==> flow/design.v <==
module mplex_stage (clk, resetn, d0_in, d1_in, d2_in, d3_in, choose_in, o_out);
  parameter DATA_W = 10;
  input clk;
  input resetn;
  input [DATA_W-1:0] d0_in;
  input [DATA_W-1:0] d1_in;
  input [DATA_W-1:0] d2_in;
  input [DATA_W-1:0] d3_in;
  input [1:0] choose_in;
  output [DATA_W-1:0] o_out;
  reg [DATA_W-1:0] d0_q;
  reg [DATA_W-1:0] d1_q;
  reg [DATA_W-1:0] d2_q;
  reg [DATA_W-1:0] d3_q;
  reg [1:0] choose_q;
  reg [DATA_W-1:0] work;
  always @* begin
    case (choose_q)
      0: work = d0_q;
      1: work = d1_q;
      2: work = d2_q;
      default: work = d3_q;
    endcase
  end
  assign o_out = work;
  always @(posedge clk) begin
    if (~resetn) begin
      d0_q <= 0;
      d1_q <= 0;
      d2_q <= 0;
      d3_q <= 0;
      choose_q <= 0;
    end else begin
      d0_q <= d0_in;
      d1_q <= d1_in;
      d2_q <= d2_in;
      d3_q <= d3_in;
      choose_q <= choose_in;
    end
  end
endmodule
# Step by step through the tools: mplex_stage
# What the tools print for mplex_stage, step after step.
# Lines are those of the file above, counted from 1.
# Library cell names are shortened.
# The mark n/a stands for no value.
[inputs]
design = "mplex_stage"
clock_port = "clk"
library = "sky130hd"
lib_corner = "tt_025C_1v80"

# Word-level counts
# Counts by Yosys on the flattened word-level netlist (proc, flatten, opt, wreduce; memories kept). Register bits leave out memories and registers merged into their read ports (data or address); mux counts leave out enables and synchronous resets folded into registers. Print and check cells are left out. Cells with the same type and inputs are merged into one.
[classes]
n_eq = 2
mux = 1
n_reduce_logical = 1
[op_table]
columns = ["op", "count"]
rows = [
  ["case mux 10 bit (select 3 bit)", 1],
  ["equality test 2 x 1 -> 1 bit with constant B", 1],
  ["equality test 2 bit with constant B", 1],
  ["zero test 2 bit", 1],
]
[bits]
regBits = 42
inputBits = 44
output_inout_bits = 10
word_cells = 9

# Longest topological paths
# Depth = most cells in a row (Yosys ltp): at word level without a register or memory, in the mapped netlist without a sequential cell, where the memories' decode and read muxes count.
[depth]
depth_word = 2
abc_area = 0
depth_mapped = 2

# Netlist
# Source: synth_stat.txt of the flow (Yosys; design flattened, memories mapped). It holds for the ABC_AREA given above (unset counts as 0); a run with the other value may have another netlist.
# The area totals of this step are shown rounded.
[types]
columns = ["type", "count", "area_total_um2"]
rows = [
  ["dfxtp_1", 42, 840.806],
  ["and2_1", 42, 262.752],
  ["mux4_2", 10, 225.216],
  ["clkbuf_1", 4, 15.014],
  ["buf_6", 1, 11.261],
  ["clkbuf_2", 1, 5.005],
]
[mapped]
cells = 100
synth_area_um2 = 1360
seq_area_um2 = 841
ff_cells = 42

# Path before layout
# Path of least setup slack by OpenSTA after synthesis, without wires, with an ideal clock, recovery checks aside; 20% of the period is set as input and as output delay. Where synthesis merged equal registers, the netlist keeps one of their names.
[synth_path]
kind = "register -> output"
startpoint = "register (name not given)"
endpoint = "output port o_out[0]"
period_ps = 1570
output_delay_ps = 314
t_first_pin_ps = 0
arrival_time_ps = 1006
t_required_ps = 1256
setup_slack_ps = 250
path_delay_ps = 1006
path_stages = 3
synth_period_reached_ps = 1320
# "path_delay_ps" is the arrival time less input delay plus setup time.
# A path that ends at an output port has no setup time.
# "path_stages" counts driving pins, that of a launching flip-flop among them; a cell with two outputs on the path counts twice.
# "synth_period_reached_ps" is the clock period less the worst setup slack; recovery checks do not enter. This is arithmetic on one report: input and output delays are still those of the set period (20% each).
# The rows between start and end are the longest chain of elaborated cells between them; the timing report does not say that the signal goes this way. Where chains are equally long, one stands for them.
# Each line given opens the expression or statement behind the cell; cells for indexed reads and writes are added by Yosys, which also makes memories of some case tables.
[synth_via]
path_cell_list = "dfxtp_1 > buf_6 > mux4_2"
elab_chain_len = 2
cone_cells = 4
lines_between = 1
cone_classes = "2 x eq/ne; 1 x mux; 1 x reduce/logical"
[synth_lines]
columns = ["element", "line", "text"]
rows = [
  ["from (decl)", 15, ""],
  ["from (assign)", 32, ""],
  ["from (assign)", 38, ""],
  ["equality test 2 bit", 18, ""],
  ["case mux 10 bit (select 3 bit)", 18, ""],
  ["to (decl)", 10, "output [DATA_W-1:0] o_out;"],
]

# Timing after layout
# Path of least setup slack in the final report of job 1 (OpenROAD, finished layout, wires in). Where an end is a register, its clock arrival counts in the times.
# The report prints the path's times to 10 ps; the period is as set.
[layout_path]
kind = "register -> output"
startpoint = "register (name not given)"
endpoint = "output port o_out[7]"
period_ps = 928
output_delay_ps = 190
t_first_pin_ps = 280
arrival_time_ps = 1430
t_required_ps = 740
setup_slack_ps = -690
path_stages = 4
# The rows between start and end are the longest chain of elaborated cells between them; the timing report does not say that the signal goes this way. Where chains are equally long, one stands for them.
[layout_via]
path_cell_list = "dfxtp_4 > buf_12 > mux4_2 > buf_6"
elab_chain_len = 2
cone_cells = 4
lines_between = 1
cone_classes = "2 x eq/ne; 1 x mux; 1 x reduce/logical"
[layout_lines]
columns = ["element", "line", "text"]
rows = [
  ["from (decl)", 15, ""],
  ["from (assign)", 32, ""],
  ["from (assign)", 38, ""],
  ["equality test 2 bit", 18, ""],
  ["case mux 10 bit (select 3 bit)", 18, ""],
  ["to (decl)", 10, "output [DATA_W-1:0] o_out;"],
]

Memo
Re: implementation data of mplex_stage

Below are 3 stored runs of the flow (Yosys, OpenROAD; platform sky130hd) on mplex_stage, each with its settings and what was measured, unordered. Constraints: input delay and output delay 20% of the set period each, output load 0.01 pF.
"period_less_ws_ps" is the run's clock period less its worst setup slack. It is reckoned from that one timing run; input and output delays stay at 20% of the period that was set.
"final_power_mw": no workload was simulated; the value follows from the tool's default switching activity.
The results are shown rounded.

# job 1
==> flow/run.sh <==
#!/bin/bash
# the make line also repeats the synthesis and layout settings of config.mk as NAME=value (left out here)
make -C /OpenROAD-flow-scripts/flow DESIGN_CONFIG=/design/flow/config.mk WORK_HOME=/design/flow/orfs CLKGATE_MAP_FILE= finish
==> flow/config.mk <==
export PLATFORM = sky130hd
export DESIGN_NAME = mplex_stage
export DESIGN_NICKNAME = mplex_stage
export VERILOG_FILES = /design/flow/design.v
export SDC_FILE = /design/flow/constraint.sdc
export NUM_CORES = 4
export LEC_CHECK = 0
export CAP_MARGIN = 20
export CORE_ASPECT_RATIO = 1.79
export CORE_MARGIN = 2
export CORE_UTILIZATION = 36
export HOLD_SLACK_MARGIN = 0.03
export PLACE_DENSITY_LB_ADDON = 0.07
export SETUP_SLACK_MARGIN = 0.07
export SLEW_MARGIN = 20
==> flow/constraint.sdc <==
create_clock -name core_clock -period 0.928 [get_ports {clk}]
set_input_delay 0.1856 -clock core_clock [delete_from_list [all_inputs] [get_ports {clk}]]
set_output_delay 0.1856 -clock core_clock [all_outputs]
set_load 0.01 [all_outputs]

==> job 1: results <==
period_less_ws_ps=1620
setupTns_ps=-6740
final_die_area_um2=4310
yosys_chip_area_um2=1360
final_power_mw=3.81
setup_worst_slack_ps=-692
final_cell_area_um2=2100

# job 2
==> flow/run.sh <==
#!/bin/bash
# the make line also repeats the synthesis and layout settings of config.mk as NAME=value (left out here)
make -C /OpenROAD-flow-scripts/flow DESIGN_CONFIG=/design/flow/config.mk WORK_HOME=/design/flow/orfs CLKGATE_MAP_FILE= finish
==> flow/config.mk <==
export PLATFORM = sky130hd
export DESIGN_NAME = mplex_stage
export DESIGN_NICKNAME = mplex_stage
export VERILOG_FILES = /design/flow/design.v
export SDC_FILE = /design/flow/constraint.sdc
export NUM_CORES = 4
export LEC_CHECK = 0
export ABC_AREA = 0
export CAP_MARGIN = 15
export CORE_ASPECT_RATIO = 1.03
export CORE_MARGIN = 2
export CORE_UTILIZATION = 66
export MAX_ROUTING_LAYER = met4
export PLACE_DENSITY = 0.65
export SLEW_MARGIN = 15
==> flow/constraint.sdc <==
create_clock -name core_clock -period 1.74 [get_ports {clk}]
set_input_delay 0.3480 -clock core_clock [delete_from_list [all_inputs] [get_ports {clk}]]
set_output_delay 0.3480 -clock core_clock [all_outputs]
set_load 0.01 [all_outputs]

==> job 2: results <==
outcome="no results, placement failed with GPL-0301"

# job 3
==> flow/run.sh <==
#!/bin/bash
# the make line also repeats the synthesis and layout settings of config.mk as NAME=value (left out here)
make -C /OpenROAD-flow-scripts/flow DESIGN_CONFIG=/design/flow/config.mk WORK_HOME=/design/flow/orfs CLKGATE_MAP_FILE= finish
==> flow/config.mk <==
export PLATFORM = sky130hd
export DESIGN_NAME = mplex_stage
export DESIGN_NICKNAME = mplex_stage
export VERILOG_FILES = /design/flow/design.v
export SDC_FILE = /design/flow/constraint.sdc
export NUM_CORES = 4
export LEC_CHECK = 0
export CAP_MARGIN = 20
export CORE_MARGIN = 2
export CORE_UTILIZATION = 40
export SLEW_MARGIN = 20
==> flow/constraint.sdc <==
create_clock -name core_clock -period 1.57 [get_ports {clk}]
set_input_delay 0.3140 -clock core_clock [delete_from_list [all_inputs] [get_ports {clk}]]
set_output_delay 0.3140 -clock core_clock [all_outputs]
set_load 0.01 [all_outputs]

==> job 3: results <==
period_less_ws_ps=1873
setupTns_ps=-2920
final_die_area_um2=3880
yosys_chip_area_um2=1360
final_power_mw=1.89
setup_worst_slack_ps=-303
final_cell_area_um2=2080
